==> flow/design.v <==
module my_add_core_n #(
    parameter DATA_W = 12,
    parameter INPUTS = 7,
    parameter OW = DATA_W + $clog2(INPUTS)
) (
    input  clk,
    input  [INPUTS*DATA_W-1:0] d,
    output [OW-1:0] s
);
    reg [INPUTS*DATA_W-1:0] d_ff;
    wire [OW-1:0] tree [1:2*INPUTS-1];
    genvar i;
    generate
        for (i = 0; i < INPUTS; i = i + 1) begin : slice
            assign tree[INPUTS+i] = d_ff[i*DATA_W +: DATA_W];
        end
        for (i = 1; i < INPUTS; i = i + 1) begin : stage
            assign tree[i] = tree[2*i] + tree[2*i+1];
        end
    endgenerate
    reg [OW-1:0] s_ff;
    assign s = s_ff;
    always @(posedge clk) begin
        d_ff <= d;
        s_ff <= tree[1];
    end
endmodule
==> From RTL to reports: my_add_core_n <==
The steps from the RTL of my_add_core_n to its reports follow in flow order.
Line numbers count from 1 in the design file above.
Library cell names are shortened.
{ "inputs": {"top_module": "my_add_core_n", "clk_port": "clk", "cell_library": "sky130hd", "corner": "tt_025C_1v80"} }

==> After elaboration <==
Source: Yosys, flattened and elaborated. Widths are those after wreduce; folded enables and synchronous resets count as part of the registers. Registers that Yosys merges into a memory's read port (data or address) are not register bits. Print and check cells do not count. Equal cells are merged and count once.
{ "bits": {"regBits": 99, "inputBits": 85, "elab_cells": 8} }
{ "classes": {"n_addsub": 6} }
{ "ops": {"columns": ["operator", "count"], "rows": [
  ["adder 12 x 12 -> 13 bit", 3],
  ["adder 15 bit", 2],
  ["adder 15 x 12 -> 15 bit", 1]
]} }

==> Logic depth <==
Longest topological path by Yosys (ltp), each cell counted once; first at word level (registers and memories cut), then after technology mapping (sequential cells cut; the memories' decode and read muxes count).
{ "depth": {"depth_word": 3, "ABC_AREA": 1, "mapped_depth": 22, "ltp_nobuf": 22} }

==> After synthesis <==
Yosys stat after the flow's synthesis: flattened, memories mapped to cells. It holds for the ABC_AREA given above (unset counts as 0); a run with the other value may have another netlist.
{ "by_type": {"columns": ["cell_type", "count", "type_area_um2"], "rows": [
  ["dfxtp_1", 99, 1.98E+03],
  ["nand2_1", 210, 788.256],
  ["ha_1", 51, 638.112],
  ["inv_1", 153, 574.301],
  ["fa_1", 28, 560.538],
  ["nand3_1", 40, 200.192],
  ["xor2_1", 17, 148.893],
  ["nor2_1", 36, 135.13],
  ["a21oi_1", 21, 105.101],
  ["nand4_1", 14, 87.584],
  ["xnor2_1", 7, 61.309],
  ["nand3b_1", 4, 30.029],
  ["nand2_2", 4, 25.024],
  ["nor2_2", 4, 25.024],
  ["or2_1", 3, 18.768],
  ["nor3_1", 3, 15.014],
  ["nor3b_1", 2, 15.014],
  ["o21ai_1", 3, 15.014]
]} }
Not listed: further types 3, cells in them 6.
{ "synth_totals": {"cell_count": 705, "mapped_area_um2": 5454.0, "seq_area_um2": 1981.9, "ffs": 99, "buf_cells": 0} }

==> Timing after synthesis <==
Path of least setup slack by OpenSTA after synthesis, without wires, with an ideal clock, recovery checks aside; 20% of the period is set as input and as output delay. Where synthesis merged equal registers, the netlist keeps one of their names.
{ "synth_timing": {"path_kind": "flip-flop to flip-flop", "from": "register d_ff[12]", "to": "register s_ff[14]", "period_ns": 4.95, "setup_time_ns": 0.115, "t_first_pin_ns": 0.000, "arrival_ns": 3.386, "path_slack_ns": 1.450, "path_delay_ns": 3.501, "path_stages": 20, "n_path_buf": 0, "synth_period_reached_ns": 3.5} }
"path_delay_ns" is the arrival time less input delay plus setup time.
"path_stages": output pins that drive a net of the path, with the launching flip-flop's if there is one; two outputs of one cell count as two.
"synth_period_reached_ns" is the clock period less the worst setup slack; recovery checks do not enter. This is arithmetic on one report: input and output delays are still those of the set period (20% each).
Between the ends stands the longest chain of elaborated cells between them, by number of cells; it is not shown to be the way that was timed. Of several equally long chains one is given.
A line is the first line of the expression or statement that the cell stems from. Yosys adds cells for indexed reads and writes and turns some case tables into memories.
{ "synth_via": {"path_cell_list": "dfxtp_1 > ha_1 > inv_1 > fa_1 > nor2_2 > nor2_2 > or2_1 > nand3_1 > nand2_1 > fa_1 > inv_1 > fa_1 > inv_1 > ha_1 > nand2_1 > inv_1 > a21oi_1 > nand3_1 > nand2_1 > nand2_1", "elab_chain_cells": 3} }
{ "synth_rtl": {"columns": ["item", "line_no", "source"], "rows": [
  ["start, declared", 10, "reg [INPUTS*DATA_W-1:0] d_ff;"],
  ["start, assigned", 24, "d_ff <= d;"],
  ["adder 12 x 12 -> 13 bit", 18, "assign tree[i] = tree[2*i] + tree[2*i+1];"],
  ["adder 15 bit x2", 18, null],
  ["end, assigned", 25, "s_ff <= tree[1];"],
  ["end, declared", 21, "reg [OW-1:0] s_ff;"]
]} }

==> Path in the finished layout <==
Path of least setup slack in the final report of record 1 (OpenROAD, finished layout, wires in). Where an end is a register, its clock arrival counts in the times.
{ "layout_timing": {"path_kind": "flip-flop to flip-flop", "from": "register d_ff[44]", "to": "register s_ff[14]", "period_ns": 5.03, "setup_time_ns": 0.09, "t_first_pin_ns": 0.39, "arrival_ns": 3.95, "path_slack_ns": 1.38, "path_stages": 18, "n_path_buf": 0} }
Between the ends stands the longest chain of elaborated cells between them, by number of cells; it is not shown to be the way that was timed. Of several equally long chains one is given.
{ "layout_via": {"path_cell_list": "dfxtp_1 > ha_1 > nand2_1 > nor2_1 > nand3_1 > nand4_1 > nand2_1 > fa_1 > inv_1 > fa_1 > inv_1 > ha_1 > nand2_2 > inv_1 > a21oi_1 > nand3_1 > nand2_1 > nand2_1", "elab_chain_cells": 3} }
{ "layout_rtl": {"columns": ["item", "line_no", "source"], "rows": [
  ["start, declared", 10, "reg [INPUTS*DATA_W-1:0] d_ff;"],
  ["start, assigned", 24, "d_ff <= d;"],
  ["adder 12 x 12 -> 13 bit", 18, "assign tree[i] = tree[2*i] + tree[2*i+1];"],
  ["adder 15 bit x2", 18, null],
  ["end, assigned", 25, "s_ff <= tree[1];"],
  ["end, declared", 21, "reg [OW-1:0] s_ff;"]
]} }

Appendix: measured runs

Flow measurements of my_add_core_n on sky130hd: 3 stored runs with different settings, listed in no order. Input and output delays are each 20% of the period that was set; the output load is 0.01 pF.
"achieved clock period (ns)" is the run's clock period less its worst setup slack. It is reckoned from that one timing run; input and output delays stay at 20% of the period that was set.
By "worst setup path time (ns)" is meant the share of the clock period that the worst setup path is allowed (20% is reserved at inputs, 20% at outputs), minus its slack. Clock arrival times at its registers enter into it.
By "finish__power__total" is meant OpenSTA's value without simulated activity: inputs other than the clock are taken to toggle once in ten clock periods, and the tool carries that through the logic.

settings of record 1
{
  "period_ns": 5.03,
  "CORE_UTILIZATION": 55,
  "SETUP_SLACK_MARGIN": 1.14,
  "PLACE_DENSITY_LB_ADDON": 0.02,
  "CORE_ASPECT_RATIO": 1.04,
  "CELL_PAD_IN_SITES_GLOBAL_PLACEMENT": 0,
  "ABC_AREA": 1,
  "CTS_CLUSTER_SIZE": 45,
  "CAP_MARGIN": 35,
  "SLEW_MARGIN": 5,
  "CORE_MARGIN": 2
}
report of record 1
yosys chip area after synthesis (um^2): 5454.0
finish__design__die__area: 10728.6
finish__design__instance__area__stdcell: 6867.8
finish__design__instance__utilization: 0.7031
finish__timing__setup__ws: 1.379
finish__timing__setup__tns: 0.000
finish__timing__hold__ws: 0.586
finish__power__total: 3.188e-03
achieved clock period (ns): 3.651
worst setup path time (ns): 3.65
worst setup path kind: flip-flop to flip-flop

settings of record 2
{
  "period_ns": 4.95,
  "CAP_MARGIN": 20,
  "CORE_MARGIN": 2,
  "CORE_UTILIZATION": 40,
  "SLEW_MARGIN": 20
}
report of record 2
yosys chip area after synthesis (um^2): 4858.4
finish__design__die__area: 13043.9
finish__design__instance__area__stdcell: 6356.1
finish__design__instance__utilization: 0.5336
finish__timing__setup__ws: 0.703
finish__timing__setup__tns: 0.000
finish__timing__hold__ws: 0.581
finish__power__total: 3.470e-03
achieved clock period (ns): 4.247
worst setup path time (ns): 4.25
worst setup path kind: flip-flop to flip-flop

settings of record 3
{
  "period_ns": 2.63,
  "CORE_UTILIZATION": 45,
  "SETUP_SLACK_MARGIN": -0.26,
  "PLACE_DENSITY_LB_ADDON": 0.09,
  "HOLD_SLACK_MARGIN": -0.02,
  "CORE_MARGIN": 4,
  "TNS_END_PERCENT": 5,
  "CTS_CLUSTER_SIZE": 98,
  "CAP_MARGIN": 5,
  "SLEW_MARGIN": 40,
  "MAX_ROUTING_LAYER": "met4"
}
report of record 3
yosys chip area after synthesis (um^2): 4858.4
finish__design__die__area: 12522.7
finish__design__instance__area__stdcell: 7400.9
finish__design__instance__utilization: 0.7105
finish__timing__setup__ws: -1.350
finish__timing__setup__tns: -13.166
finish__timing__hold__ws: 0.573
finish__power__total: 7.809e-03
achieved clock period (ns): 3.980
worst setup path time (ns): 3.98
worst setup path kind: flip-flop to flip-flop
